==> flow/design.v <==
module sync_mul_core_mod #(
    parameter W = 5
) (
    input  sys_clk,
    input  srst,
    input  signed [W-1:0] rs1_i,
    input  signed [W-1:0] rs2_i,
    output reg signed [2*W-1:0] res_o
);
    reg signed [W-1:0] rs1_d1;
    always @(posedge sys_clk or posedge srst) begin
        if (srst) begin
            rs1_d1 <= 0;
        end else begin
            rs1_d1 <= rs1_i;
        end
    end
    reg signed [W-1:0] rs2_d1;
    always @(posedge sys_clk or posedge srst) begin
        if (srst) begin
            rs2_d1 <= 0;
        end else begin
            rs2_d1 <= rs2_i;
        end
    end
    always @(posedge sys_clk or posedge srst) begin
        if (srst) begin
            res_o <= 0;
        end else begin
            res_o <= rs1_d1 * rs2_d1;
        end
    end
endmodule
Reports on sync_mul_core_mod:

Tool output for the design above, in the order of the flow.
Line numbers count from 1 in the design file above.
Operators: Yosys type, input widths -> output width; for muxes data width and select width s.
Library cell names are shortened.
The mark n/a stands for no value.

* design top: sync_mul_core_mod
* clock input: sys_clk
* standard-cell library: sky130hd
* corner: tt_025C_1v80

Word-level counts:

Yosys after proc, flatten, opt, wreduce and memory -nomap, before mapping. Enables and synchronous resets that opt folds into registers are not counted as muxes. Memory bits, and registers merged into a memory's read port (data or address), are not among the register bits. Print and check cells are not counted. Equal cells are merged and count once.

* multiply operators: 1

Operators with widths (count)
* $mul 5x5->10: 1

* bits of input ports: 12
* register bits: 20
* output and inout port bits: 10
* word-level cells: 4

Logic depth:

Yosys ltp: most cells in a row. Word level: on the elaborated netlist, between registers, memories and ports. Mapped: between sequential cells and ports; inverters and the memories' decode and read muxes count.

* depth after elaboration: 1
* ABC_AREA: 0
* gate-level depth with buffers: 12

After synthesis:

Yosys stat after the flow's synthesis: flattened, memories mapped to cells. It holds for the ABC_AREA given above (unset counts as 0); a run with the other value may have another netlist.

Cells by type
* dfrtp_1: count 20, area in all 500.48 um^2
* fa_1: count 17, area in all 340.326 um^2
* ha_1: count 15, area in all 187.68 um^2
* and2_1: count 18, area in all 112.608 um^2
* inv_1: count 29, area in all 108.854 um^2
* xnor2_1: count 7, area in all 61.309 um^2
* nor2b_1: count 3, area in all 18.768 um^2
* a211oi_2: count 1, area in all 12.512 um^2
* mux2_2: count 1, area in all 11.261 um^2
* nand2_1: count 3, area in all 11.261 um^2
* nor2_1: count 3, area in all 11.261 um^2
* a21oi_1: count 2, area in all 10.01 um^2
* o21ai_0: count 2, area in all 10.01 um^2
* a21oi_2: count 1, area in all 8.758 um^2
* o2111ai_1: count 1, area in all 8.758 um^2
* xor2_1: count 1, area in all 8.758 um^2
* a21o_1: count 1, area in all 7.507 um^2
* o211ai_1: count 1, area in all 7.507 um^2

Other cell types: 6; their cells: 6.

* buffers: 0
* area of sequential cells: 500.5 um^2
* mapped flip-flops: 20
* mapped area: 1476.4 um^2
* mapped cells: 132

Timing after synthesis:

OpenSTA on the mapped netlist: ideal clock, no wires. The path of least setup slack (recovery checks aside). Input and output delay are each 20% of the period. Register names are those of the netlist, which keeps one name where synthesis merged equal registers.

* path type: register -> register
* start point: register rs1_d1[0]
* end point: register res_o[9]
* arrival: 3253 ps
* period: 4170 ps
* setup slack: 838 ps
* data required time: 4090 ps
* path delay: 3333 ps
* stages on the path: 11
* buffers on the path: 0
* synthesis period reached: 3332 ps

"path delay" = arrival - input delay + setup time.
"stages on the path": output pins that drive a net of the path, with the launching flip-flop's if there is one; two outputs of one cell count as two.
"synthesis period reached" = period - worst setup slack (recovery checks aside). The figure is calculated, with input and output delays left at 20% of the set period.
Between the ends stands the longest chain of elaborated cells between them, by number of cells; it is not shown to be the way that was timed. Of several equally long chains one is given.
Each line given opens the expression or statement behind the cell; cells for indexed reads and writes are added by Yosys, which also makes memories of some case tables.

* path through: dfrtp_1 > nand2b_1 > fa_1 > fa_1 > inv_1 > fa_1 > fa_1 > a211oi_2 > o21bai_1 > a21oi_1 > xnor2_1
* cells in the longest elaborated chain: 1
* elaborated cells on any way between the ends: 1
* classes of those cells: 1 x mul

Ends and longest elaborated chain, after synthesis
* from (decl): RTL line 10 `reg signed [W-1:0] rs1_d1;`
* from (assign): RTL line 13 `rs1_d1 <= 0;`
* from (assign): RTL line 15 `rs1_d1 <= rs1_i;`
* $mul 5x5->10: RTL line 30 `res_o <= rs1_d1 * rs2_d1;`
* to (assign): RTL line 28 `res_o <= 0;`
* to (assign): RTL line 30
* to (decl): RTL line 8 `output reg signed [2*W-1:0] res_o`

Path in the finished layout:

From the final timing report of run 2: the path of least setup slack in the routed layout; clock arrival at registers is part of the times.
The path's times are printed in steps of 10 ps; the period is the one set.

* path type: register -> register
* start point: register rs1_d1[0]
* end point: register res_o[9]
* buffers on the path: 0
* stages on the path: 11
* setup slack: 650 ps
* period: 4170 ps
* data required time: 4350 ps
* arrival: 3690 ps

Between the ends stands the longest chain of elaborated cells between them, by number of cells; it is not shown to be the way that was timed. Of several equally long chains one is given.

* path through: dfrtp_1 > nand2b_1 > fa_1 > fa_1 > inv_1 > fa_1 > fa_1 > a211oi_2 > o21bai_1 > a21oi_1 > xnor2_1
* cells in the longest elaborated chain: 1
* elaborated cells on any way between the ends: 1
* classes of those cells: 1 x mul

Ends and longest elaborated chain, after layout
* from (decl): RTL line 10 `reg signed [W-1:0] rs1_d1;`
* from (assign): RTL line 13 `rs1_d1 <= 0;`
* from (assign): RTL line 15 `rs1_d1 <= rs1_i;`
* $mul 5x5->10: RTL line 30 `res_o <= rs1_d1 * rs2_d1;`
* to (assign): RTL line 28 `res_o <= 0;`
* to (assign): RTL line 30
* to (decl): RTL line 8 `output reg signed [2*W-1:0] res_o`

Design sync_mul_core_mod on sky130hd. What follows are 3 stored runs of the flow, each under its own settings; their order means nothing. The constraints put input and output delay at 20% of the set period each and load the outputs with 0.01 pF.
"achieved period" is the run's clock period less its worst setup slack. It is reckoned from that one timing run; input and output delays stay at 20% of the period that was set.

### Run 1

==> flow/run.sh <==
#!/bin/bash
# the make line also repeats the synthesis and layout settings of config.mk as NAME=value (left out here)
make -C /OpenROAD-flow-scripts/flow DESIGN_CONFIG=/design/flow/config.mk WORK_HOME=/design/flow/orfs CLKGATE_MAP_FILE= finish
==> flow/config.mk <==
export PLATFORM = sky130hd
export DESIGN_NAME = sync_mul_core_mod
export DESIGN_NICKNAME = sync_mul_core_mod
export VERILOG_FILES = /design/flow/design.v
export SDC_FILE = /design/flow/constraint.sdc
export NUM_CORES = 4
export LEC_CHECK = 0
export CAP_MARGIN = 20
export CELL_PAD_IN_SITES_GLOBAL_PLACEMENT = 2
export CORE_MARGIN = 2
export CORE_UTILIZATION = 72
export CTS_CLUSTER_SIZE = 28
export MIN_ROUTING_LAYER = met1
export PLACE_DENSITY = 0.8
export SLEW_MARGIN = 20
export TNS_END_PERCENT = 80
==> flow/constraint.sdc <==
create_clock -name core_clock -period 2.09 [get_ports {sys_clk}]
set_input_delay 0.4180 -clock core_clock [delete_from_list [all_inputs] [get_ports {sys_clk}]]
set_output_delay 0.4180 -clock core_clock [all_outputs]
set_load 0.01 [all_outputs]

Outcome of run 1: not finished: placement ended with error GPL-0301

### Run 2

==> flow/run.sh <==
#!/bin/bash
# the make line also repeats the synthesis and layout settings of config.mk as NAME=value (left out here)
make -C /OpenROAD-flow-scripts/flow DESIGN_CONFIG=/design/flow/config.mk WORK_HOME=/design/flow/orfs CLKGATE_MAP_FILE= finish
==> flow/config.mk <==
export PLATFORM = sky130hd
export DESIGN_NAME = sync_mul_core_mod
export DESIGN_NICKNAME = sync_mul_core_mod
export VERILOG_FILES = /design/flow/design.v
export SDC_FILE = /design/flow/constraint.sdc
export NUM_CORES = 4
export LEC_CHECK = 0
export CAP_MARGIN = 20
export CORE_MARGIN = 2
export CORE_UTILIZATION = 40
export SLEW_MARGIN = 20
==> flow/constraint.sdc <==
create_clock -name core_clock -period 4.17 [get_ports {sys_clk}]
set_input_delay 0.8340 -clock core_clock [delete_from_list [all_inputs] [get_ports {sys_clk}]]
set_output_delay 0.8340 -clock core_clock [all_outputs]
set_load 0.01 [all_outputs]

Results of run 2:
- Utilization after routing: 0.504
- Achieved period: 3516 ps
- Overall die area: 4193.2 um^2
- Chip area in the Yosys report: 1476.4 um^2
- Worst setup slack after layout: 654 ps
- Worst hold slack in the final report: 543 ps

### Run 3

==> flow/run.sh <==
#!/bin/bash
# the make line also repeats the synthesis and layout settings of config.mk as NAME=value (left out here)
make -C /OpenROAD-flow-scripts/flow DESIGN_CONFIG=/design/flow/config.mk WORK_HOME=/design/flow/orfs CLKGATE_MAP_FILE= finish
==> flow/config.mk <==
export PLATFORM = sky130hd
export DESIGN_NAME = sync_mul_core_mod
export DESIGN_NICKNAME = sync_mul_core_mod
export VERILOG_FILES = /design/flow/design.v
export SDC_FILE = /design/flow/constraint.sdc
export NUM_CORES = 4
export LEC_CHECK = 0
export CAP_MARGIN = 40
export CORE_ASPECT_RATIO = 0.54
export CORE_MARGIN = 2
export CORE_UTILIZATION = 52
export MAX_ROUTING_LAYER = met5
export PLACE_DENSITY_LB_ADDON = 0.13
export SETUP_SLACK_MARGIN = 0.31
export SLEW_MARGIN = 35
==> flow/constraint.sdc <==
create_clock -name core_clock -period 5.6 [get_ports {sys_clk}]
set_input_delay 1.1200 -clock core_clock [delete_from_list [all_inputs] [get_ports {sys_clk}]]
set_output_delay 1.1200 -clock core_clock [all_outputs]
set_load 0.01 [all_outputs]

Results of run 3:
- Utilization after routing: 0.655
- Achieved period: 3544 ps
- Overall die area: 3301.8 um^2
- Chip area in the Yosys report: 1476.4 um^2
- Worst setup slack after layout: 2056 ps
- Worst hold slack in the final report: 568 ps
